==> flow/design.v <==
module alu_mux_n #(
    parameter WIDTH = 2
) (
    input  wire clk_i,
    input  wire aresetn,
    input  wire [WIDTH-1:0] ch_0,
    input  wire [WIDTH-1:0] ch_1,
    input  wire [WIDTH-1:0] ch_2,
    input  wire [WIDTH-1:0] ch_3,
    input  wire [WIDTH-1:0] ch_4,
    input  wire [WIDTH-1:0] ch_5,
    input  wire [WIDTH-1:0] ch_6,
    input  wire [WIDTH-1:0] ch_7,
    input  wire [WIDTH-1:0] ch_8,
    input  wire [WIDTH-1:0] ch_9,
    input  wire [3:0] addr,
    output wire [WIDTH-1:0] z_o
);
    reg [WIDTH-1:0] ch_0_ff;
    reg [WIDTH-1:0] ch_1_ff;
    reg [WIDTH-1:0] ch_2_ff;
    reg [WIDTH-1:0] ch_3_ff;
    reg [WIDTH-1:0] ch_4_ff;
    reg [WIDTH-1:0] ch_5_ff;
    reg [WIDTH-1:0] ch_6_ff;
    reg [WIDTH-1:0] ch_7_ff;
    reg [WIDTH-1:0] ch_8_ff;
    reg [WIDTH-1:0] ch_9_ff;
    reg [3:0] addr_ff;
    reg [WIDTH-1:0] t;
    always @* begin
        if (addr_ff == 0) t = ch_0_ff;
        else if (addr_ff == 1) t = ch_1_ff;
        else if (addr_ff == 2) t = ch_2_ff;
        else if (addr_ff == 3) t = ch_3_ff;
        else if (addr_ff == 4) t = ch_4_ff;
        else if (addr_ff == 5) t = ch_5_ff;
        else if (addr_ff == 6) t = ch_6_ff;
        else if (addr_ff == 7) t = ch_7_ff;
        else if (addr_ff == 8) t = ch_8_ff;
        else t = ch_9_ff;
    end
    reg [WIDTH-1:0] z_o_ff;
    assign z_o = z_o_ff;
    always @(posedge clk_i or negedge aresetn) begin
        if (!aresetn) begin
            ch_0_ff <= 0;
            ch_1_ff <= 0;
            ch_2_ff <= 0;
            ch_3_ff <= 0;
            ch_4_ff <= 0;
            ch_5_ff <= 0;
            ch_6_ff <= 0;
            ch_7_ff <= 0;
            ch_8_ff <= 0;
            ch_9_ff <= 0;
            addr_ff <= 0;
            z_o_ff <= 0;
        end else begin
            ch_0_ff <= ch_0;
            ch_1_ff <= ch_1;
            ch_2_ff <= ch_2;
            ch_3_ff <= ch_3;
            ch_4_ff <= ch_4;
            ch_5_ff <= ch_5;
            ch_6_ff <= ch_6;
            ch_7_ff <= ch_7;
            ch_8_ff <= ch_8;
            ch_9_ff <= ch_9;
            addr_ff <= addr;
            z_o_ff <= t;
        end
    end
endmodule
; ---- Tool chain data of alu_mux_n
; Module alu_mux_n in several versions that differ in "WIDTH"; each step lists the members.
; The file above is the member WIDTH=2. Line numbers count from 1 in each member's own file.
; Operators carry their Yosys type and port widths (W data, S select, Z words).
; Not given: n/a
[design]
design = alu_mux_n
clk_port = clk_i
cell_library = sky130hd
corner = tt_025C_1v80

; ---- Members of the sweep
; New or changed lines of each further member against the RTL above, in its own file; lines it lacks are not shown.
[src_changes]
columns = WIDTH, line
row1 = 3, 2  ; parameter WIDTH = 3
row2 = 6, 2  ; parameter WIDTH = 6
row3 = 12, 2  ; parameter WIDTH = 12
row4 = 20, 2  ; parameter WIDTH = 20
row5 = 32, 2  ; parameter WIDTH = 32

; ---- Word level
; Counts by Yosys on the flattened word-level netlist (proc, flatten, opt, wreduce; memories kept). Register bits leave out memories and registers merged into their read ports (data or address); mux counts leave out enables and synchronous resets folded into registers. Print and check cells are left out. Cells with the same type and inputs are merged into one.
[word_totals]
columns = WIDTH, register_bits, out_inout_bits, wordCells
row1 = 2, 26, 2, 30
row2 = 3, 37, 3, 30
row3 = 6, 70, 6, 30
row4 = 12, 136, 12, 30
row5 = 20, 224, 20, 30
row6 = 32, 356, 32, 30
[op_classes]
columns = WIDTH, eq_ne, mux, reduce_logical
row1 = 2, 8, 9, 1
row2 = 3, 8, 9, 1
row3 = 6, 8, 9, 1
row4 = 12, 8, 9, 1
row5 = 20, 8, 9, 1
row6 = 32, 8, 9, 1
[op_table]
columns = WIDTH, op_list
row1 = 2, $mux W2: 9; $eq A4 B3 Y1 const B: 4; $eq A4 B2 Y1 const B: 2; $eq A4 B1 Y1 const B: 1; $eq A4 B4 Y1 const B: 1; $logic_not A4 Y1: 1
row2 = 3, $mux W3: 9; $eq A4 B3 Y1 const B: 4; $eq A4 B2 Y1 const B: 2; $eq A4 B1 Y1 const B: 1; $eq A4 B4 Y1 const B: 1; $logic_not A4 Y1: 1
row3 = 6, $mux W6: 9; $eq A4 B3 Y1 const B: 4; $eq A4 B2 Y1 const B: 2; $eq A4 B1 Y1 const B: 1; $eq A4 B4 Y1 const B: 1; $logic_not A4 Y1: 1
row4 = 12, $mux W12: 9; $eq A4 B3 Y1 const B: 4; $eq A4 B2 Y1 const B: 2; $eq A4 B1 Y1 const B: 1; $eq A4 B4 Y1 const B: 1; $logic_not A4 Y1: 1
row5 = 20, $mux W20: 9; $eq A4 B3 Y1 const B: 4; $eq A4 B2 Y1 const B: 2; $eq A4 B1 Y1 const B: 1; $eq A4 B4 Y1 const B: 1; $logic_not A4 Y1: 1
row6 = 32, $mux W32: 9; $eq A4 B3 Y1 const B: 4; $eq A4 B2 Y1 const B: 2; $eq A4 B1 Y1 const B: 1; $eq A4 B4 Y1 const B: 1; $logic_not A4 Y1: 1

; ---- Longest topological paths
; Depth = most cells in a row (Yosys ltp): at word level without a register or memory, in the mapped netlist without a sequential cell, where the memories' decode and read muxes count.
[logic_depth]
columns = WIDTH, depth_word, ABC_AREA, depth_mapped, mapped_depth_nobuf
row1 = 2, 10, 0, 6, 5
row2 = 3, 10, 0, 6, 4
row3 = 6, 10, 0, 7, 4
row4 = 12, 10, 0, 8, 5
row5 = 20, 10, 0, 8, 5
row6 = 32, 10, 0, 8, 4

; ---- Synthesis result
; The flow's flattened synthesis, as Yosys stat reports it; memories are mapped. The netlist is that of the ABC_AREA named above (0 if unset); the other value can give another one.
; Totals and module areas in this step are rounded.
[types]
columns = WIDTH, cell_types
row1 = 2, sky130_fd_sc_hd__dfrtp_1: 26; sky130_fd_sc_hd__a21oi_1: 5; sky130_fd_sc_hd__mux4_2: 1; sky130_fd_sc_hd__nor2_1: 6; sky130_fd_sc_hd__mux2i_1: 2; sky130_fd_sc_hd__buf_4: 2; sky130_fd_sc_hd__nand2_1: 4; sky130_fd_sc_hd__o21ai_0: 3; sky130_fd_sc_hd__a31oi_1: 2; sky130_fd_sc_hd__nand2b_1: 2; sky130_fd_sc_hd__o22ai_1: 2; sky130_fd_sc_hd__or3_1: 2; sky130_fd_sc_hd__o32a_2: 1; sky130_fd_sc_hd__buf_2: 2; sky130_fd_sc_hd__a2111oi_0: 1; sky130_fd_sc_hd__o311ai_0: 1; sky130_fd_sc_hd__o31a_1: 1; sky130_fd_sc_hd__a211oi_1: 1; [+9]
row2 = 3, sky130_fd_sc_hd__dfrtp_1: 37; sky130_fd_sc_hd__mux2i_1: 4; sky130_fd_sc_hd__a21oi_1: 7; sky130_fd_sc_hd__nand3_1: 5; sky130_fd_sc_hd__buf_12: 1; sky130_fd_sc_hd__nand2b_1: 3; sky130_fd_sc_hd__nor2b_1: 3; sky130_fd_sc_hd__o22ai_1: 3; sky130_fd_sc_hd__a211o_1: 2; sky130_fd_sc_hd__and2b_2: 2; sky130_fd_sc_hd__o22a_1: 2; sky130_fd_sc_hd__mux2_4: 1; sky130_fd_sc_hd__nand2_1: 4; sky130_fd_sc_hd__nor3b_1: 2; sky130_fd_sc_hd__o31ai_1: 2; sky130_fd_sc_hd__dlymetal6s2s_1: 1; sky130_fd_sc_hd__buf_6: 1; sky130_fd_sc_hd__inv_1: 3; [+22]
row3 = 6, sky130_fd_sc_hd__dfrtp_1: 70; sky130_fd_sc_hd__mux2i_1: 13; sky130_fd_sc_hd__a21oi_1: 17; sky130_fd_sc_hd__nand2b_1: 10; sky130_fd_sc_hd__buf_2: 9; sky130_fd_sc_hd__mux4_2: 2; sky130_fd_sc_hd__a211o_1: 4; sky130_fd_sc_hd__nor3b_1: 4; sky130_fd_sc_hd__o22ai_1: 4; sky130_fd_sc_hd__a211oi_1: 3; sky130_fd_sc_hd__mux2_2: 2; sky130_fd_sc_hd__nand2_1: 6; sky130_fd_sc_hd__nor2_1: 6; sky130_fd_sc_hd__o21bai_1: 3; sky130_fd_sc_hd__nor3_1: 4; sky130_fd_sc_hd__inv_1: 5; sky130_fd_sc_hd__o221ai_1: 2; sky130_fd_sc_hd__nand3b_1: 2; [+25]
row4 = 12, sky130_fd_sc_hd__dfrtp_1: 136; sky130_fd_sc_hd__mux4_2: 7; sky130_fd_sc_hd__a21oi_1: 31; sky130_fd_sc_hd__o21ai_0: 25; sky130_fd_sc_hd__nand2_1: 28; sky130_fd_sc_hd__o22ai_1: 15; sky130_fd_sc_hd__mux2_2: 8; sky130_fd_sc_hd__buf_2: 14; sky130_fd_sc_hd__mux2i_1: 7; sky130_fd_sc_hd__a22oi_1: 9; sky130_fd_sc_hd__nor2_1: 17; sky130_fd_sc_hd__o221ai_1: 7; sky130_fd_sc_hd__nand3_1: 10; sky130_fd_sc_hd__a211oi_1: 6; sky130_fd_sc_hd__nor4bb_1: 4; sky130_fd_sc_hd__buf_4: 5; sky130_fd_sc_hd__o32ai_1: 3; sky130_fd_sc_hd__nor3_1: 5; [+36]
row5 = 20, sky130_fd_sc_hd__dfrtp_1: 224; sky130_fd_sc_hd__mux2i_1: 30; sky130_fd_sc_hd__a21oi_1: 49; sky130_fd_sc_hd__a221oi_1: 17; sky130_fd_sc_hd__nor2_1: 37; sky130_fd_sc_hd__nand2b_1: 18; sky130_fd_sc_hd__o22ai_1: 17; sky130_fd_sc_hd__o21ai_0: 21; sky130_fd_sc_hd__o32ai_1: 11; sky130_fd_sc_hd__a22o_1: 8; sky130_fd_sc_hd__buf_2: 14; sky130_fd_sc_hd__nand2_1: 18; sky130_fd_sc_hd__o31ai_1: 9; sky130_fd_sc_hd__buf_6: 4; sky130_fd_sc_hd__clkbuf_1: 12; sky130_fd_sc_hd__mux2_2: 4; sky130_fd_sc_hd__o221ai_1: 5; sky130_fd_sc_hd__o2bb2ai_1: 4; [+62]
row6 = 32, sky130_fd_sc_hd__dfrtp_1: 356; sky130_fd_sc_hd__mux2i_1: 53; sky130_fd_sc_hd__a21oi_1: 89; sky130_fd_sc_hd__mux4_2: 13; sky130_fd_sc_hd__a221oi_1: 28; sky130_fd_sc_hd__o21ai_0: 41; sky130_fd_sc_hd__buf_2: 32; sky130_fd_sc_hd__nor2_1: 37; sky130_fd_sc_hd__o221a_2: 12; sky130_fd_sc_hd__a22o_1: 14; sky130_fd_sc_hd__nand2_1: 29; sky130_fd_sc_hd__o22ai_1: 14; sky130_fd_sc_hd__inv_1: 23; sky130_fd_sc_hd__o32a_1: 8; sky130_fd_sc_hd__nand3b_1: 10; sky130_fd_sc_hd__clkbuf_1: 18; sky130_fd_sc_hd__nand2b_1: 10; sky130_fd_sc_hd__or2_2: 10; [+101]
; A list marked [+n] leaves out that many cells.
[synth_totals]
columns = WIDTH, cells, area_um2, seqArea_um2, flip_flops
row1 = 2, 73, 950, 651, 26
row2 = 3, 105, 1410, 926, 37
row3 = 6, 191, 2590, 1750, 70
row4 = 12, 373, 4920, 3400, 136
row5 = 20, 564, 7780, 5610, 224
row6 = 32, 898, 12600, 8910, 356

; ---- Timing after synthesis
; OpenSTA on the mapped netlist: ideal clock, no wires. The path of least setup slack (recovery checks aside). Input and output delay are each 20% of the period. Register names are those of the netlist, which keeps one name where synthesis merged equal registers.
[synth_timing]
columns = WIDTH, kind, from, to, tclk_ns, slack_ns, driving_pins, path_delay_ns, synth_period_reached_ns
row1 = 2, reg-to-reg, reg addr_ff[1], reg z_o_ff[1], 1.7, 0.343, 5, 1.357, 1.357
row2 = 3, reg-to-reg, reg addr_ff[1], reg z_o_ff[0], 1.72, 0.342, 6, 1.378, 1.378
row3 = 6, reg-to-reg, reg addr_ff[1], reg z_o_ff[2], 2.04, 0.407, 6, 1.633, 1.633
row4 = 12, reg-to-reg, reg addr_ff[0], reg z_o_ff[6], 1.96, 0.393, 6, 1.568, 1.567
row5 = 20, reg-to-reg, reg addr_ff[3], reg z_o_ff[0], 2.05, 0.408, 7, 1.642, 1.642
row6 = 32, reg-to-reg, reg addr_ff[2], reg z_o_ff[29], 2.17, 0.433, 7, 1.737, 1.737
; "path_delay_ns" = arrival - input delay + setup time.
; "driving_pins": output pins that drive a net of the path, with the launching flip-flop's if there is one; two outputs of one cell count as two.
; "synth_period_reached_ns" = period - worst setup slack (recovery checks aside). The figure is calculated, with input and output delays left at 20% of the set period.
; The rows between start and end are the longest chain of elaborated cells between them; the timing report does not say that the signal goes this way. Where chains are equally long, one stands for them.
; Each line given opens the expression or statement behind the cell; cells for indexed reads and writes are added by Yosys, which also makes memories of some case tables.
[synth_between_WIDTH_2]
elab_chain_cells = 10
[synth_lines_WIDTH_2]
columns = element, line
row1 = start: declaration, 29  ; reg [3:0] addr_ff;
row2 = start: assignment, 57  ; addr_ff <= 0;
row3 = start: assignment, 70  ; addr_ff <= addr;
row4 = $eq A4 B4 Y1, 40  ; else if (addr_ff == 8) t = ch_8_ff;
row5 = $mux W2, 40
row6 = $mux W2, 39  ; else if (addr_ff == 7) t = ch_7_ff;
row7 = $mux W2, 38  ; else if (addr_ff == 6) t = ch_6_ff;
row8 = $mux W2, 37  ; else if (addr_ff == 5) t = ch_5_ff;
row9 = $mux W2, 36  ; else if (addr_ff == 4) t = ch_4_ff;
row10 = $mux W2, 35  ; else if (addr_ff == 3) t = ch_3_ff;
row11 = $mux W2, 34  ; else if (addr_ff == 2) t = ch_2_ff;
row12 = $mux W2, 33  ; else if (addr_ff == 1) t = ch_1_ff;
row13 = $mux W2, 32  ; if (addr_ff == 0) t = ch_0_ff;
row14 = end: assignment, 58  ; z_o_ff <= 0;
row15 = end: assignment, 71  ; z_o_ff <= t;
row16 = end: declaration, 43  ; reg [WIDTH-1:0] z_o_ff;
[synth_between_WIDTH_32]
elab_chain_cells = 10
[synth_lines_WIDTH_32]
columns = element, line
row1 = start: declaration, 29  ; reg [3:0] addr_ff;
row2 = start: assignment, 57  ; addr_ff <= 0;
row3 = start: assignment, 70  ; addr_ff <= addr;
row4 = $eq A4 B4 Y1, 40  ; else if (addr_ff == 8) t = ch_8_ff;
row5 = $mux W32, 40
row6 = $mux W32, 39  ; else if (addr_ff == 7) t = ch_7_ff;
row7 = $mux W32, 38  ; else if (addr_ff == 6) t = ch_6_ff;
row8 = $mux W32, 37  ; else if (addr_ff == 5) t = ch_5_ff;
row9 = $mux W32, 36  ; else if (addr_ff == 4) t = ch_4_ff;
row10 = $mux W32, 35  ; else if (addr_ff == 3) t = ch_3_ff;
row11 = $mux W32, 34  ; else if (addr_ff == 2) t = ch_2_ff;
row12 = $mux W32, 33  ; else if (addr_ff == 1) t = ch_1_ff;
row13 = $mux W32, 32  ; if (addr_ff == 0) t = ch_0_ff;
row14 = end: assignment, 58  ; z_o_ff <= 0;
row15 = end: assignment, 71  ; z_o_ff <= t;
row16 = end: declaration, 43  ; reg [WIDTH-1:0] z_o_ff;

; ---- Path in the finished layout
; From the final timing report of each member's run: the path of least setup slack in the routed layout; clock arrival at registers is part of the times.
[layout_timing]
columns = WIDTH, kind, from, to, tclk_ns, slack_ns, driving_pins, arrival_time_ns, path_buffers
row1 = 2, reg-to-output, reg z_o_ff[1], out z_o[1], 1.7, 0.16, 2, 1.20, 1
row2 = 3, reg-to-output, reg z_o_ff[1], out z_o[1], 1.72, 0.15, 2, 1.23, 1
row3 = 6, reg-to-reg, reg addr_ff[1], reg z_o_ff[2], 2.04, 0.31, 5, 1.97, 0
row4 = 12, reg-to-reg, reg addr_ff[1], reg z_o_ff[6], 1.96, 0.20, 6, 2.06, 0
row5 = 20, reg-to-reg, reg addr_ff[0], reg z_o_ff[11], 2.05, 0.02, 6, 2.43, 0
row6 = 32, reg-to-reg, reg addr_ff[1], reg z_o_ff[14], 2.17, 0.07, 5, 2.47, 0

; ---- Flow runs
; Settings and results of one run of the flow (Yosys, OpenROAD) for each member follow. The constraints put input and output delay at 20% of the set period each and load the outputs with 0.01 pF.
[settings]
CAP_MARGIN = 20
CORE_MARGIN = 2
CORE_UTILIZATION = 40
SLEW_MARGIN = 20
[settings_diff]
columns = WIDTH, period_ns
row1 = 2, 1.7
row2 = 3, 1.72
row3 = 6, 2.04
row4 = 12, 1.96
row5 = 20, 2.05
row6 = 32, 2.17
[measured]
columns = WIDTH, synth_area_um2, die_footprint_um2, final_stdcell_area_um2, post_route_util_frac, timing.setup.ws_ns, final_setup_tns_ns, power_uw, achievedPeriod_ns
row1 = 2, 950, 2780, 1300, 0.582, 0.164, 0.000, 1230, 1.536
row2 = 3, 1410, 4010, 1900, 0.565, 0.150, 0.000, 1620, 1.570
row3 = 6, 2590, 7130, 3640, 0.576, 0.305, 0.000, 3090, 1.735
row4 = 12, 4920, 13200, 7100, 0.591, 0.196, 0.000, 6770, 1.764
row5 = 20, 7780, 20600, 11300, 0.587, 0.018, 0.000, 10400, 2.032
row6 = 32, 12600, 32900, 18200, 0.593, 0.066, 0.000, 15900, 2.104
; "achievedPeriod_ns": clock period set for the run, less the worst setup slack. It is reckoned from that one timing run; input and output delays stay at 20% of the period that was set.
; "power_uw": no workload was simulated; the value follows from the tool's default switching activity.
; The measured numbers are rounded.
